==> flow/design.v <==
module gen_muxn (ck, i_rst, i_d_0, i_d_1, i_d_2, i_d_3, i_d_4, i_d_5, i_d_6, i_d_7, i_d_8, i_d_9, i_sel, o_dout);
   parameter DATA_WIDTH = 48;
   input ck;
   input i_rst;
   input [DATA_WIDTH-1:0] i_d_0;
   input [DATA_WIDTH-1:0] i_d_1;
   input [DATA_WIDTH-1:0] i_d_2;
   input [DATA_WIDTH-1:0] i_d_3;
   input [DATA_WIDTH-1:0] i_d_4;
   input [DATA_WIDTH-1:0] i_d_5;
   input [DATA_WIDTH-1:0] i_d_6;
   input [DATA_WIDTH-1:0] i_d_7;
   input [DATA_WIDTH-1:0] i_d_8;
   input [DATA_WIDTH-1:0] i_d_9;
   input [3:0] i_sel;
   output [DATA_WIDTH-1:0] o_dout;
   reg [DATA_WIDTH-1:0] d_0_ff;
   reg [DATA_WIDTH-1:0] d_1_ff;
   reg [DATA_WIDTH-1:0] d_2_ff;
   reg [DATA_WIDTH-1:0] d_3_ff;
   reg [DATA_WIDTH-1:0] d_4_ff;
   reg [DATA_WIDTH-1:0] d_5_ff;
   reg [DATA_WIDTH-1:0] d_6_ff;
   reg [DATA_WIDTH-1:0] d_7_ff;
   reg [DATA_WIDTH-1:0] d_8_ff;
   reg [DATA_WIDTH-1:0] d_9_ff;
   reg [3:0] sel_ff;
   always @(posedge ck) begin
      if (i_rst) begin
         d_0_ff <= 0;
         d_1_ff <= 0;
         d_2_ff <= 0;
         d_3_ff <= 0;
         d_4_ff <= 0;
         d_5_ff <= 0;
         d_6_ff <= 0;
         d_7_ff <= 0;
         d_8_ff <= 0;
         d_9_ff <= 0;
         sel_ff <= 0;
      end else begin
         d_0_ff <= i_d_0;
         d_1_ff <= i_d_1;
         d_2_ff <= i_d_2;
         d_3_ff <= i_d_3;
         d_4_ff <= i_d_4;
         d_5_ff <= i_d_5;
         d_6_ff <= i_d_6;
         d_7_ff <= i_d_7;
         d_8_ff <= i_d_8;
         d_9_ff <= i_d_9;
         sel_ff <= i_sel;
      end
   end
   reg [DATA_WIDTH-1:0] work;
   always @(*) begin
      if (sel_ff == 0) work = d_0_ff;
      else if (sel_ff == 1) work = d_1_ff;
      else if (sel_ff == 2) work = d_2_ff;
      else if (sel_ff == 3) work = d_3_ff;
      else if (sel_ff == 4) work = d_4_ff;
      else if (sel_ff == 5) work = d_5_ff;
      else if (sel_ff == 6) work = d_6_ff;
      else if (sel_ff == 7) work = d_7_ff;
      else if (sel_ff == 8) work = d_8_ff;
      else work = d_9_ff;
   end
   assign o_dout = work;
endmodule
# ---- Reports on gen_muxn
# The steps from the RTL of gen_muxn to its reports follow in flow order.
# Lines are those of the file above, counted from 1.
# Operators carry their Yosys type and port widths (W data, S select, Z words).
# A cell with - has no value.
dict set report inputs {
  top_module {gen_muxn}
  clock_port {ck}
  lib {sky130hd}
  lib_corner {tt_025C_1v80}
}

# ---- Elaborated design
# Source: Yosys, flattened and elaborated, memories not mapped. Widths are those after wreduce; folded enables and synchronous resets count as part of the registers. Registers that Yosys merges into a memory's read port (data or address) are not register bits. Print and check cells do not count. Equal cells are merged and count once.
dict set report word_totals {
  elab_cells 29
  ff_bits 484
  out_inout_bits 48
}
dict set report op_classes {
  mux 9
  reduce_logical 1
  n_eq 8
}
# op n
set ops {}
lappend ops {{$mux W48} 9}
lappend ops {{$eq A4 B3 Y1 const B} 4}
lappend ops {{$eq A4 B2 Y1 const B} 2}
lappend ops {{$eq A4 B1 Y1 const B} 1}
lappend ops {{$eq A4 B4 Y1 const B} 1}
lappend ops {{$logic_not A4 Y1} 1}

# ---- Logic depth
# Yosys ltp: most cells in a row. Word level: on the elaborated netlist, between registers, memories and ports. Mapped: between sequential cells and ports; inverters and the memories' decode and read muxes count.
dict set report depth {
  ltp_word 10
  ABC_AREA 0
  mapped_depth 9
  mapped_depth_nobuf 5
}

# ---- Netlist
# Yosys stat after the flow's synthesis: flattened, memories mapped to cells. It holds for the ABC_AREA given above (unset counts as 0); a run with the other value may have another netlist.
# The area totals of this step are shown rounded.
dict set report synth_totals {
  ffs 484
  cell_count 1868
  yosys_area_um2 18000
  n_buf 157
}
# cell n area_total_um2
set types {}
lappend types {sky130_fd_sc_hd__dfxtp_1 484 9.69E+03}
lappend types {sky130_fd_sc_hd__nor2b_1 485 3034.16}
lappend types {sky130_fd_sc_hd__a21oi_1 131 655.629}
lappend types {sky130_fd_sc_hd__mux2i_1 60 600.576}
lappend types {sky130_fd_sc_hd__clkbuf_1 100 375.36}
lappend types {sky130_fd_sc_hd__nor2_1 99 371.606}
lappend types {sky130_fd_sc_hd__o21ai_0 74 370.355}
lappend types {sky130_fd_sc_hd__o22ai_1 56 350.336}
lappend types {sky130_fd_sc_hd__mux4_2 15 337.824}
lappend types {sky130_fd_sc_hd__nand2_1 67 251.491}
lappend types {sky130_fd_sc_hd__a22oi_1 31 232.723}
lappend types {sky130_fd_sc_hd__buf_2 44 220.211}
lappend types {sky130_fd_sc_hd__o221a_2 13 146.39}
lappend types {sky130_fd_sc_hd__a2bb2oi_1 15 131.376}
lappend types {sky130_fd_sc_hd__a222oi_1 13 130.125}
lappend types {sky130_fd_sc_hd__a221oi_1 14 122.618}
lappend types {sky130_fd_sc_hd__nand2b_1 19 118.864}
lappend types {sky130_fd_sc_hd__a22o_1 13 113.859}
# Not listed: further types 34, cells in them 135.

# ---- Timing after synthesis
# OpenSTA on the mapped netlist: ideal clock, no wires. The path of least setup slack (recovery checks aside). Input and output delay are each 20% of the period. Register names are those of the netlist, which keeps one name where synthesis merged equal registers.
dict set report synth_path {
  path_type {register to output}
  startpoint {reg sel_ff[0]}
  endpoint {out o_dout[18]}
  launch_ns 0.000
  path_slack_ns 0.426
  t_arrival_ns 1.694
  clock_period_ns 2.65
  stages 7
  delay_ns 1.694
  out_delay_ns 0.530
  path_buffers 3
  synth_period_reached_ns 2.224
}
# "delay_ns" = arrival - input delay + setup time.
# At an output port there is no setup time.
# "stages": output pins that drive a net of the path, with the launching flip-flop's if there is one; two outputs of one cell count as two.
# "synth_period_reached_ns" = period - worst setup slack (recovery checks aside). The figure is calculated, with input and output delays left at 20% of the set period.
# Between the ends stands the longest chain of elaborated cells between them, by number of cells; it is not shown to be the way that was timed. Of several equally long chains one is given.
# A line is the first line of the expression or statement that the cell stems from. Yosys adds cells for indexed reads and writes and turns some case tables into memories.
dict set report synth_between {
  path_cell_list {sky130_fd_sc_hd__dfxtp_1 sky130_fd_sc_hd__buf_4 sky130_fd_sc_hd__buf_2 sky130_fd_sc_hd__buf_2 sky130_fd_sc_hd__mux4_2 sky130_fd_sc_hd__nand2_1 sky130_fd_sc_hd__o21ai_0}
  elab_chain_cells 10
}
# element line_no
set synth_rtl {}
lappend synth_rtl {{start, declared} 27} ;# reg [3:0] sel_ff;
lappend synth_rtl {{start, assigned} 40} ;# sel_ff <= 0;
lappend synth_rtl {{start, assigned} 52} ;# sel_ff <= i_sel;
lappend synth_rtl {{$eq A4 B4 Y1} 65} ;# else if (sel_ff == 8) work = d_8_ff;
lappend synth_rtl {{$mux W48} 65}
lappend synth_rtl {{$mux W48} 64} ;# else if (sel_ff == 7) work = d_7_ff;
lappend synth_rtl {{$mux W48} 63} ;# else if (sel_ff == 6) work = d_6_ff;
lappend synth_rtl {{$mux W48} 62} ;# else if (sel_ff == 5) work = d_5_ff;
lappend synth_rtl {{$mux W48} 61} ;# else if (sel_ff == 4) work = d_4_ff;
lappend synth_rtl {{$mux W48} 60} ;# else if (sel_ff == 3) work = d_3_ff;
lappend synth_rtl {{$mux W48} 59} ;# else if (sel_ff == 2) work = d_2_ff;
lappend synth_rtl {{$mux W48} 58} ;# else if (sel_ff == 1) work = d_1_ff;
lappend synth_rtl {{$mux W48} 57} ;# if (sel_ff == 0) work = d_0_ff;
lappend synth_rtl {{end, declared} 16} ;# output [DATA_WIDTH-1:0] o_dout;

# ---- Timing after layout
# Path of least setup slack in the final report of run 2 (OpenROAD, finished layout, wires in). Where an end is a register, its clock arrival counts in the times.
dict set report layout_path {
  path_type {register to output}
  startpoint {reg sel_ff[0]}
  endpoint {out o_dout[11]}
  t_arrival_ns 2.78
  path_slack_ns -1.29
  launch_ns 0.56
  clock_period_ns 1.86
  out_delay_ns 0.37
  path_buffers 3
  stages 9
}
# Between the ends stands the longest chain of elaborated cells between them, by number of cells; it is not shown to be the way that was timed. Of several equally long chains one is given.
dict set report layout_between {
  path_cell_list {sky130_fd_sc_hd__dfxtp_4 sky130_fd_sc_hd__or4b_4 sky130_fd_sc_hd__buf_8 sky130_fd_sc_hd__buf_6 sky130_fd_sc_hd__nor2_1 sky130_fd_sc_hd__o32ai_2 sky130_fd_sc_hd__a222oi_1 sky130_fd_sc_hd__o22ai_1 sky130_fd_sc_hd__buf_2}
  elab_chain_cells 10
}
# element line_no
set layout_rtl {}
lappend layout_rtl {{start, declared} 27} ;# reg [3:0] sel_ff;
lappend layout_rtl {{start, assigned} 40} ;# sel_ff <= 0;
lappend layout_rtl {{start, assigned} 52} ;# sel_ff <= i_sel;
lappend layout_rtl {{$eq A4 B4 Y1} 65} ;# else if (sel_ff == 8) work = d_8_ff;
lappend layout_rtl {{$mux W48} 65}
lappend layout_rtl {{$mux W48} 64} ;# else if (sel_ff == 7) work = d_7_ff;
lappend layout_rtl {{$mux W48} 63} ;# else if (sel_ff == 6) work = d_6_ff;
lappend layout_rtl {{$mux W48} 62} ;# else if (sel_ff == 5) work = d_5_ff;
lappend layout_rtl {{$mux W48} 61} ;# else if (sel_ff == 4) work = d_4_ff;
lappend layout_rtl {{$mux W48} 60} ;# else if (sel_ff == 3) work = d_3_ff;
lappend layout_rtl {{$mux W48} 59} ;# else if (sel_ff == 2) work = d_2_ff;
lappend layout_rtl {{$mux W48} 58} ;# else if (sel_ff == 1) work = d_1_ff;
lappend layout_rtl {{$mux W48} 57} ;# if (sel_ff == 0) work = d_0_ff;
lappend layout_rtl {{end, declared} 16} ;# output [DATA_WIDTH-1:0] o_dout;

Lab notebook: gen_muxn

gen_muxn through Yosys and OpenROAD on sky130hd: 3 stored runs, unordered, with their settings and measured results. The constraints put input and output delay at 20% of the set period each and load the outputs with 0.01 pF.
"timing.achieved_period_ns": clock period set for the run, less the worst setup slack. It is reckoned from that one timing run; input and output delays stay at 20% of the period that was set.
"worst_path_allowed_less_slack_ns" is the time allowed to the run's worst setup path (the clock period less input and output delay, where it has them) less its slack. Clock arrival times count: a late capture clock shortens it, a late launch clock lengthens it.
By "power_total_uw" is meant OpenSTA's value without simulated activity: inputs other than the clock are taken to toggle once in ten clock periods, and the tool carries that through the logic.
Values from the reports are rounded here.

[flow] run 1: files
==> flow/run.sh <==
#!/bin/bash
# the make line also repeats the synthesis and layout settings of config.mk as NAME=value (left out here)
make -C /OpenROAD-flow-scripts/flow DESIGN_CONFIG=/design/flow/config.mk WORK_HOME=/design/flow/orfs CLKGATE_MAP_FILE= finish
==> flow/config.mk <==
export PLATFORM = sky130hd
export DESIGN_NAME = gen_muxn
export DESIGN_NICKNAME = gen_muxn
export VERILOG_FILES = /design/flow/design.v
export SDC_FILE = /design/flow/constraint.sdc
export NUM_CORES = 4
export LEC_CHECK = 0
export CAP_MARGIN = 35
export CELL_PAD_IN_SITES_DETAIL_PLACEMENT = 0
export CORE_ASPECT_RATIO = 0.51
export CORE_MARGIN = 2
export CORE_UTILIZATION = 68
export CTS_CLUSTER_DIAMETER = 396
export GPL_ROUTABILITY_DRIVEN = 1
export GPL_TIMING_DRIVEN = 0
export MAX_ROUTING_LAYER = met4
export SETUP_SLACK_MARGIN = 0.41
export SLEW_MARGIN = 25
==> flow/constraint.sdc <==
create_clock -name core_clock -period 1.84 [get_ports {ck}]
set_input_delay 0.3680 -clock core_clock [delete_from_list [all_inputs] [get_ports {ck}]]
set_output_delay 0.3680 -clock core_clock [all_outputs]
set_load 0.01 [all_outputs]

[flow] run 1: no final report: placement broke off with GPL-0301

[flow] run 2: files
==> flow/run.sh <==
#!/bin/bash
# the make line also repeats the synthesis and layout settings of config.mk as NAME=value (left out here)
make -C /OpenROAD-flow-scripts/flow DESIGN_CONFIG=/design/flow/config.mk WORK_HOME=/design/flow/orfs CLKGATE_MAP_FILE= finish
==> flow/config.mk <==
export PLATFORM = sky130hd
export DESIGN_NAME = gen_muxn
export DESIGN_NICKNAME = gen_muxn
export VERILOG_FILES = /design/flow/design.v
export SDC_FILE = /design/flow/constraint.sdc
export NUM_CORES = 4
export LEC_CHECK = 0
export CAP_MARGIN = 20
export CORE_MARGIN = 8
export CORE_UTILIZATION = 34
export CTS_CLUSTER_DIAMETER = 246
export CTS_CLUSTER_SIZE = 38
export MAX_ROUTING_LAYER = met5
export MIN_ROUTING_LAYER = met1
export PLACE_DENSITY_LB_ADDON = 0.16
export SLEW_MARGIN = 20
==> flow/constraint.sdc <==
create_clock -name core_clock -period 1.86 [get_ports {ck}]
set_input_delay 0.3720 -clock core_clock [delete_from_list [all_inputs] [get_ports {ck}]]
set_output_delay 0.3720 -clock core_clock [all_outputs]
set_load 0.01 [all_outputs]

[flow] run 2: metrics
[metrics] synth_area_um2 = 18000
[metrics] die_area_um2 = 62000
[metrics] finalUtil_pct = 53
[metrics] setup_worst_slack_ns = -1.3
[metrics] setup_tns_ns = -53
[metrics] power_total_uw = 20000
[metrics] timing.achieved_period_ns = 3.149
[metrics] worst_path_allowed_less_slack_ns = 2.78
[metrics] worst_setup_path_type = register to output

[flow] run 3: files
==> flow/run.sh <==
#!/bin/bash
# the make line also repeats the synthesis and layout settings of config.mk as NAME=value (left out here)
make -C /OpenROAD-flow-scripts/flow DESIGN_CONFIG=/design/flow/config.mk WORK_HOME=/design/flow/orfs CLKGATE_MAP_FILE= finish
==> flow/config.mk <==
export PLATFORM = sky130hd
export DESIGN_NAME = gen_muxn
export DESIGN_NICKNAME = gen_muxn
export VERILOG_FILES = /design/flow/design.v
export SDC_FILE = /design/flow/constraint.sdc
export NUM_CORES = 4
export LEC_CHECK = 0
export CAP_MARGIN = 20
export CORE_MARGIN = 2
export CORE_UTILIZATION = 40
export SLEW_MARGIN = 20
==> flow/constraint.sdc <==
create_clock -name core_clock -period 2.65 [get_ports {ck}]
set_input_delay 0.5300 -clock core_clock [delete_from_list [all_inputs] [get_ports {ck}]]
set_output_delay 0.5300 -clock core_clock [all_outputs]
set_load 0.01 [all_outputs]

[flow] run 3: metrics
[metrics] synth_area_um2 = 18000
[metrics] die_area_um2 = 47000
[metrics] finalUtil_pct = 63
[metrics] setup_worst_slack_ns = -0.65
[metrics] setup_tns_ns = -20
[metrics] power_total_uw = 19000
[metrics] timing.achieved_period_ns = 3.296
[metrics] worst_path_allowed_less_slack_ns = 2.77
[metrics] worst_setup_path_type = register to output
